==> flow/design.v <==
module gen_mag_cmp #(
    parameter W = 32
) (
    input  i_clk,
    input  rstn,
    input  [W-1:0] opa,
    input  [W-1:0] opb,
    output reg greater,
    output reg match
);
    localparam NB = W / 4;
    wire [NB:0] g;
    wire [NB:0] e;
    assign g[0] = 1'b0;
    assign e[0] = 1'b1;
    genvar gi;
    generate
        for (gi = 0; gi < NB; gi = gi + 1) begin : gen
            cmp4 u0 (.a(opa[4*gi +: 4]), .b(opb[4*gi +: 4]), .gi(g[gi]), .ei(e[gi]), .go(g[gi+1]), .eo(e[gi+1]));
        end
    endgenerate
    always @(posedge i_clk or negedge rstn) begin
        if (~rstn) begin
            greater <= 1'b0;
            match <= 1'b0;
        end else begin
            greater <= g[NB];
            match <= e[NB];
        end
    end
endmodule
module cmp4 (
    input wire [3:0] a,
    input wire [3:0] b,
    input wire gi,
    input wire ei,
    output wire go,
    output wire eo
);
    assign go = (a > b) | ((a == b) & gi);
    assign eo = (a == b) & ei;
endmodule
Wiki page: gen_mag_cmp / tool data

**Tool chain data of gen_mag_cmp**

A sweep over "W": the same steps for each member of the family.
The file above is the member W 32. Line numbers count from 1 in each member's own file.
The mark -- stands for no value.

- Design top: gen_mag_cmp
- Clock: i_clk
- Cell library: sky130hd
- Timing corner: tt_025C_1v80

**Members of the sweep**

Lines of each other member's file that are new or changed against the file above; lines that a member lacks are not shown.

New or changed lines:

| W | line | source |
|---|---|---|
| 36 | 2 | `parameter W = 36` |
| 72 | 2 | `parameter W = 72` |
| 80 | 2 | `parameter W = 80` |
| 128 | 2 | `parameter W = 128` |

**Word-level counts**

Yosys after proc, flatten, opt, wreduce and memory -nomap, before mapping. Enables and synchronous resets that opt folds into registers are not counted as muxes. Memory bits, and registers merged into a memory's read port (data or address), are not among the register bits. Print and check cells are not counted. Equal cells are merged and count once.

Bit counts:

| W | flip-flop bits (word level) | latch bits | bits in writable memories | ROM bits | word width x clocked read ports | memories kept | input bits | output and inout port bits | elaborated cells |
|---|---|---|---|---|---|---|---|---|---|
| 32 | 2 | 0 | 0 | 0 | 0 | 0 | 66 | 2 | 39 |
| 36 | 2 | 0 | 0 | 0 | 0 | 0 | 74 | 2 | 44 |
| 72 | 2 | 0 | 0 | 0 | 0 | 0 | 146 | 2 | 89 |
| 80 | 2 | 0 | 0 | 0 | 0 | 0 | 162 | 2 | 99 |
| 128 | 2 | 0 | 0 | 0 | 0 | 0 | 258 | 2 | 159 |

Operators by class:

| W | add/sub/neg operators | $mul | divide/modulo/power cells | $lt $le $gt $ge | eq/ne operators | shift-type cells | mux-type cells | bitwise gates (word level) | reductions and logical operators |
|---|---|---|---|---|---|---|---|---|---|
| 32 | 0 | 0 | 0 | 8 | 8 | 0 | 0 | 21 | 0 |
| 36 | 0 | 0 | 0 | 9 | 9 | 0 | 0 | 24 | 0 |
| 72 | 0 | 0 | 0 | 18 | 18 | 0 | 0 | 51 | 0 |
| 80 | 0 | 0 | 0 | 20 | 20 | 0 | 0 | 57 | 0 |
| 128 | 0 | 0 | 0 | 32 | 32 | 0 | 0 | 93 | 0 |

Operators with widths:

| W | kinds with counts |
|---|---|
| 32 | 4-bit > comparator (8); 4-bit == test (8); 1-bit bitwise AND (14); 1-bit bitwise OR (7) |
| 36 | 4-bit > comparator (9); 4-bit == test (9); 1-bit bitwise AND (16); 1-bit bitwise OR (8) |
| 72 | 4-bit > comparator (18); 4-bit == test (18); 1-bit bitwise AND (34); 1-bit bitwise OR (17) |
| 80 | 4-bit > comparator (20); 4-bit == test (20); 1-bit bitwise AND (38); 1-bit bitwise OR (19) |
| 128 | 4-bit > comparator (32); 4-bit == test (32); 1-bit bitwise AND (62); 1-bit bitwise OR (31) |

**Longest topological paths**

Depth = most cells in a row (Yosys ltp): at word level without a register or memory, in the mapped netlist without a sequential cell, where the memories' decode and read muxes count.

Depth:

| W | depth in word-level cells | ABC_AREA | mapped depth | mapped depth without buffers |
|---|---|---|---|---|
| 32 | 15 | 0 | 7 | 7 |
| 36 | 17 | 0 | 8 | 8 |
| 72 | 35 | 0 | 8 | 8 |
| 80 | 39 | 0 | 8 | 8 |
| 128 | 63 | 0 | 10 | 10 |

**Netlist**

Source: synth_stat.txt of the flow (Yosys; design flattened, memories mapped). It holds for the ABC_AREA given above (unset counts as 0); a run with the other value may have another netlist.

Cells by type:

| W | types with counts |
|---|---|
| 32 | sky130_fd_sc_hd__ha_1 (32); sky130_fd_sc_hd__inv_1 (33); sky130_fd_sc_hd__dfrtp_1 (2); sky130_fd_sc_hd__and4_1 (4); sky130_fd_sc_hd__nand4_1 (5); sky130_fd_sc_hd__a21oi_1 (6); sky130_fd_sc_hd__nor2b_1 (4); sky130_fd_sc_hd__a211oi_1 (3); sky130_fd_sc_hd__o211ai_1 (3); sky130_fd_sc_hd__nand2b_1 (3); sky130_fd_sc_hd__a2111oi_2 (1); sky130_fd_sc_hd__a21o_1 (2); sky130_fd_sc_hd__a221oi_2 (1); sky130_fd_sc_hd__o21a_1 (2); sky130_fd_sc_hd__o21ai_0 (3); sky130_fd_sc_hd__o31ai_1 (2); sky130_fd_sc_hd__and3_1 (2); sky130_fd_sc_hd__a211o_1 (1); (+9) |
| 36 | sky130_fd_sc_hd__ha_1 (36); sky130_fd_sc_hd__inv_1 (42); sky130_fd_sc_hd__a21oi_1 (11); sky130_fd_sc_hd__dfrtp_1 (2); sky130_fd_sc_hd__o21ai_0 (9); sky130_fd_sc_hd__a21o_1 (5); sky130_fd_sc_hd__nand2b_1 (5); sky130_fd_sc_hd__nand4_1 (4); sky130_fd_sc_hd__nand2_1 (6); sky130_fd_sc_hd__nand4_4 (1); sky130_fd_sc_hd__and3_1 (3); sky130_fd_sc_hd__a221oi_1 (2); sky130_fd_sc_hd__a211oi_1 (2); sky130_fd_sc_hd__a221oi_2 (1); sky130_fd_sc_hd__a31oi_1 (2); sky130_fd_sc_hd__nand4_2 (1); sky130_fd_sc_hd__nor4_2 (1); sky130_fd_sc_hd__and3_4 (1); (+9) |
| 72 | sky130_fd_sc_hd__ha_1 (72); sky130_fd_sc_hd__inv_1 (80); sky130_fd_sc_hd__nand4_1 (17); sky130_fd_sc_hd__a21oi_1 (17); sky130_fd_sc_hd__a21o_1 (7); sky130_fd_sc_hd__dfrtp_1 (2); sky130_fd_sc_hd__nand2b_1 (6); sky130_fd_sc_hd__nor2b_1 (6); sky130_fd_sc_hd__nor3_1 (7); sky130_fd_sc_hd__o21ai_0 (7); sky130_fd_sc_hd__a2111oi_2 (2); sky130_fd_sc_hd__a2111oi_4 (1); sky130_fd_sc_hd__nand2_1 (7); sky130_fd_sc_hd__o2111ai_1 (3); sky130_fd_sc_hd__a2111o_1 (2); sky130_fd_sc_hd__a211oi_1 (3); sky130_fd_sc_hd__nor2_1 (6); sky130_fd_sc_hd__o21a_1 (3); (+25) |
| 80 | sky130_fd_sc_hd__ha_1 (80); sky130_fd_sc_hd__inv_1 (85); sky130_fd_sc_hd__nand4_1 (16); sky130_fd_sc_hd__a21oi_1 (18); sky130_fd_sc_hd__nand2b_1 (11); sky130_fd_sc_hd__o21ai_0 (11); sky130_fd_sc_hd__o211ai_1 (7); sky130_fd_sc_hd__dfrtp_1 (2); sky130_fd_sc_hd__nor2b_1 (7); sky130_fd_sc_hd__nor2_1 (11); sky130_fd_sc_hd__nand3_1 (8); sky130_fd_sc_hd__a211oi_1 (3); sky130_fd_sc_hd__a21o_1 (3); sky130_fd_sc_hd__a221o_1 (2); sky130_fd_sc_hd__and3_1 (3); sky130_fd_sc_hd__nand2_1 (5); sky130_fd_sc_hd__nor4_1 (3); sky130_fd_sc_hd__a211o_1 (2); (+29) |
| 128 | sky130_fd_sc_hd__ha_1 (128); sky130_fd_sc_hd__inv_1 (145); sky130_fd_sc_hd__a21oi_1 (39); sky130_fd_sc_hd__nand4_1 (25); sky130_fd_sc_hd__o21ai_0 (27); sky130_fd_sc_hd__nor2b_1 (13); sky130_fd_sc_hd__and4_1 (8); sky130_fd_sc_hd__o2111ai_1 (7); sky130_fd_sc_hd__nand2b_1 (9); sky130_fd_sc_hd__a21o_1 (7); sky130_fd_sc_hd__nand2_1 (14); sky130_fd_sc_hd__dfrtp_1 (2); sky130_fd_sc_hd__nor2_1 (10); sky130_fd_sc_hd__nand3_1 (7); sky130_fd_sc_hd__nor3_1 (7); sky130_fd_sc_hd__o211ai_1 (4); sky130_fd_sc_hd__a31oi_1 (4); sky130_fd_sc_hd__nor4_1 (4); (+30) |

The mark (+n) counts cells that are not listed.

Mapped netlist:

| W | standard cells after synthesis | chip area (Yosys) (µm²) | sequential part of the area (µm²) | mapped flip-flops | buffer cells |
|---|---|---|---|---|---|
| 32 | 118 | 920.9 | 50.0 | 2 | 0 |
| 36 | 143 | 1069.8 | 50.0 | 2 | 0 |
| 72 | 273 | 2043.2 | 50.0 | 2 | 0 |
| 80 | 306 | 2237.1 | 50.0 | 2 | 0 |
| 128 | 490 | 3492.1 | 50.0 | 2 | 0 |

By module: a second synthesis without flattening, with its own total; a netlist apart from the flattened one above.

Second synthesis, totals:

| W | cells (unflattened synthesis) | area (unflattened synthesis) (µm²) |
|---|---|---|
| 32 | 132 | 918.4 |
| 36 | 148 | 1026.0 |
| 72 | 292 | 1994.4 |
| 80 | 324 | 2209.6 |
| 128 | 516 | 3500.9 |

**Timing after synthesis**

OpenSTA on the mapped netlist: ideal clock, no wires. The path of least setup slack (recovery checks aside). Input and output delay are each 20% of the period. Register names are those of the netlist, which keeps one name where synthesis merged equal registers.

Timing path post-synthesis:

| W | path kind | start point | end point | period (ps) | slack (ps) | stages on the path | path delay (ps) | period reached after synthesis (ps) |
|---|---|---|---|---|---|---|---|---|
| 32 | input -> register | in opb[14] | reg greater | 2140 | 346 | 7 | 1367 | 1794 |
| 36 | input -> register | in opb[35] | reg greater | 1890 | 305 | 7 | 1208 | 1585 |
| 72 | input -> register | in opa[16] | reg greater | 2590 | 412 | 8 | 1659 | 2178 |
| 80 | input -> register | in opb[2] | reg greater | 2800 | 445 | 8 | 1795 | 2355 |
| 128 | input -> register | in opb[43] | reg greater | 2520 | 405 | 8 | 1611 | 2115 |

"path delay" = arrival - input delay + setup time.
"stages on the path" counts driving pins, that of a launching flip-flop among them; a cell with two outputs on the path counts twice.
"period reached after synthesis" = period - worst setup slack (recovery checks aside). The figure is calculated, with input and output delays left at 20% of the set period.
Between the ends stands the longest chain of elaborated cells between them, by number of cells; it is not shown to be the way that was timed. Of several equally long chains one is given.
A line is the first line of the expression or statement that the cell stems from. Yosys adds cells for indexed reads and writes and turns some case tables into memories.

Between the ends, post-synthesis, W 32:
- Cells in the longest elaborated chain: 11

Ends and longest elaborated chain, post-synthesis, W 32:

| item | line | source |
|---|---|---|
| start, declared | 7 | `input  [W-1:0] opb,` |
| 4-bit == test | 40 | `assign go = (a > b) \| ((a == b) & gi);` |
| 1-bit bitwise AND | 40 |  |
| 1-bit bitwise OR | 40 |  |
| 1-bit bitwise AND | 40 |  |
| 1-bit bitwise OR | 40 |  |
| 1-bit bitwise AND | 40 |  |
| 1-bit bitwise OR | 40 |  |
| 1-bit bitwise AND | 40 |  |
| 1-bit bitwise OR | 40 |  |
| 1-bit bitwise AND | 40 |  |
| 1-bit bitwise OR | 40 |  |
| end, assigned | 24 | `greater <= 1'b0;` |
| end, assigned | 27 | `greater <= g[NB];` |
| end, declared | 8 | `output reg greater,` |

Between the ends, post-synthesis, W 128:
- Cells in the longest elaborated chain: 45

Ends and longest elaborated chain, post-synthesis, W 128:

| item | line | source |
|---|---|---|
| start, declared | 7 | `input  [W-1:0] opb,` |
| 4-bit == test | 40 | `assign go = (a > b) \| ((a == b) & gi);` |
| 1-bit bitwise AND | 40 |  |
| 1-bit bitwise OR | 40 |  |
| 1-bit bitwise AND | 40 |  |
| 1-bit bitwise OR | 40 |  |
| 1-bit bitwise AND | 40 |  |
| 1-bit bitwise OR | 40 |  |
| [31 not listed] | -- |  |
| 1-bit bitwise OR | 40 |  |
| 1-bit bitwise AND | 40 |  |
| 1-bit bitwise OR | 40 |  |
| 1-bit bitwise AND | 40 |  |
| 1-bit bitwise OR | 40 |  |
| 1-bit bitwise AND | 40 |  |
| 1-bit bitwise OR | 40 |  |
| end, assigned | 24 | `greater <= 1'b0;` |
| end, assigned | 27 | `greater <= g[NB];` |
| end, declared | 8 | `output reg greater,` |

**Path in the finished layout**

From the final timing report of each member's run: the path of least setup slack in the routed layout; clock arrival at registers is part of the times.
The path's times are printed in steps of 10 ps; the period is the one set.

Timing path post-layout:

| W | path kind | start point | end point | period (ps) | slack (ps) | stages on the path | data arrival time (ps) | path buffers |
|---|---|---|---|---|---|---|---|---|
| 32 | input -> register | in opb[19] | reg greater | 2140 | 100 | 8 | 2130 | 1 |
| 36 | input -> register | in opb[26] | reg greater | 1890 | 60 | 8 | 1950 | 1 |
| 72 | input -> register | in opa[16] | reg greater | 2590 | 90 | 9 | 2620 | 1 |
| 80 | input -> register | in opb[1] | reg greater | 2800 | 160 | 9 | 2710 | 1 |
| 128 | input -> register | in opa[41] | reg greater | 2520 | 70 | 8 | 2540 | 1 |

**Flow runs**

Settings and results of one run of the flow (Yosys, OpenROAD) for each member follow. The constraints put input and output delay at 20% of the set period each and load the outputs with 0.01 pF.

- CAP_MARGIN: 20
- CORE_MARGIN: 2
- CORE_UTILIZATION: 40
- SLEW_MARGIN: 20

Settings by member:

| W | period_ns |
|---|---|
| 32 | 2.14 |
| 36 | 1.89 |
| 72 | 2.59 |
| 80 | 2.8 |
| 128 | 2.52 |

Results:

| W | netlist area reported by Yosys (µm²) | area inside the die boundary (µm²) | standard-cell area after layout (µm²) | post-layout utilization | worst slack on setup checks (ps) | setup TNS (ps) | power consumption (mW) | clock period reached (ps) |
|---|---|---|---|---|---|---|---|---|
| 32 | 920.9 | 2701.9 | 1746.7 | 0.797 | 103 | 0 | 0.4304 | 2037 |
| 36 | 1069.8 | 3104.2 | 2183.3 | 0.873 | 64 | 0 | 0.6095 | 1826 |
| 72 | 2043.2 | 5695.7 | 3734.8 | 0.746 | 91 | 0 | 0.6841 | 2499 |
| 80 | 2237.1 | 6207.1 | 4042.6 | 0.743 | 162 | 0 | 0.6635 | 2638 |
| 128 | 3492.1 | 9493.6 | 6790.3 | 0.79 | 69 | 0 | 1.176 | 2451 |

"clock period reached" means the clock period less the worst setup slack. The figure is calculated, with input and output delays left at 20% of the set period.
By "power consumption" is meant OpenSTA's value without simulated activity: inputs other than the clock are taken to toggle once in ten clock periods, and the tool carries that through the logic.
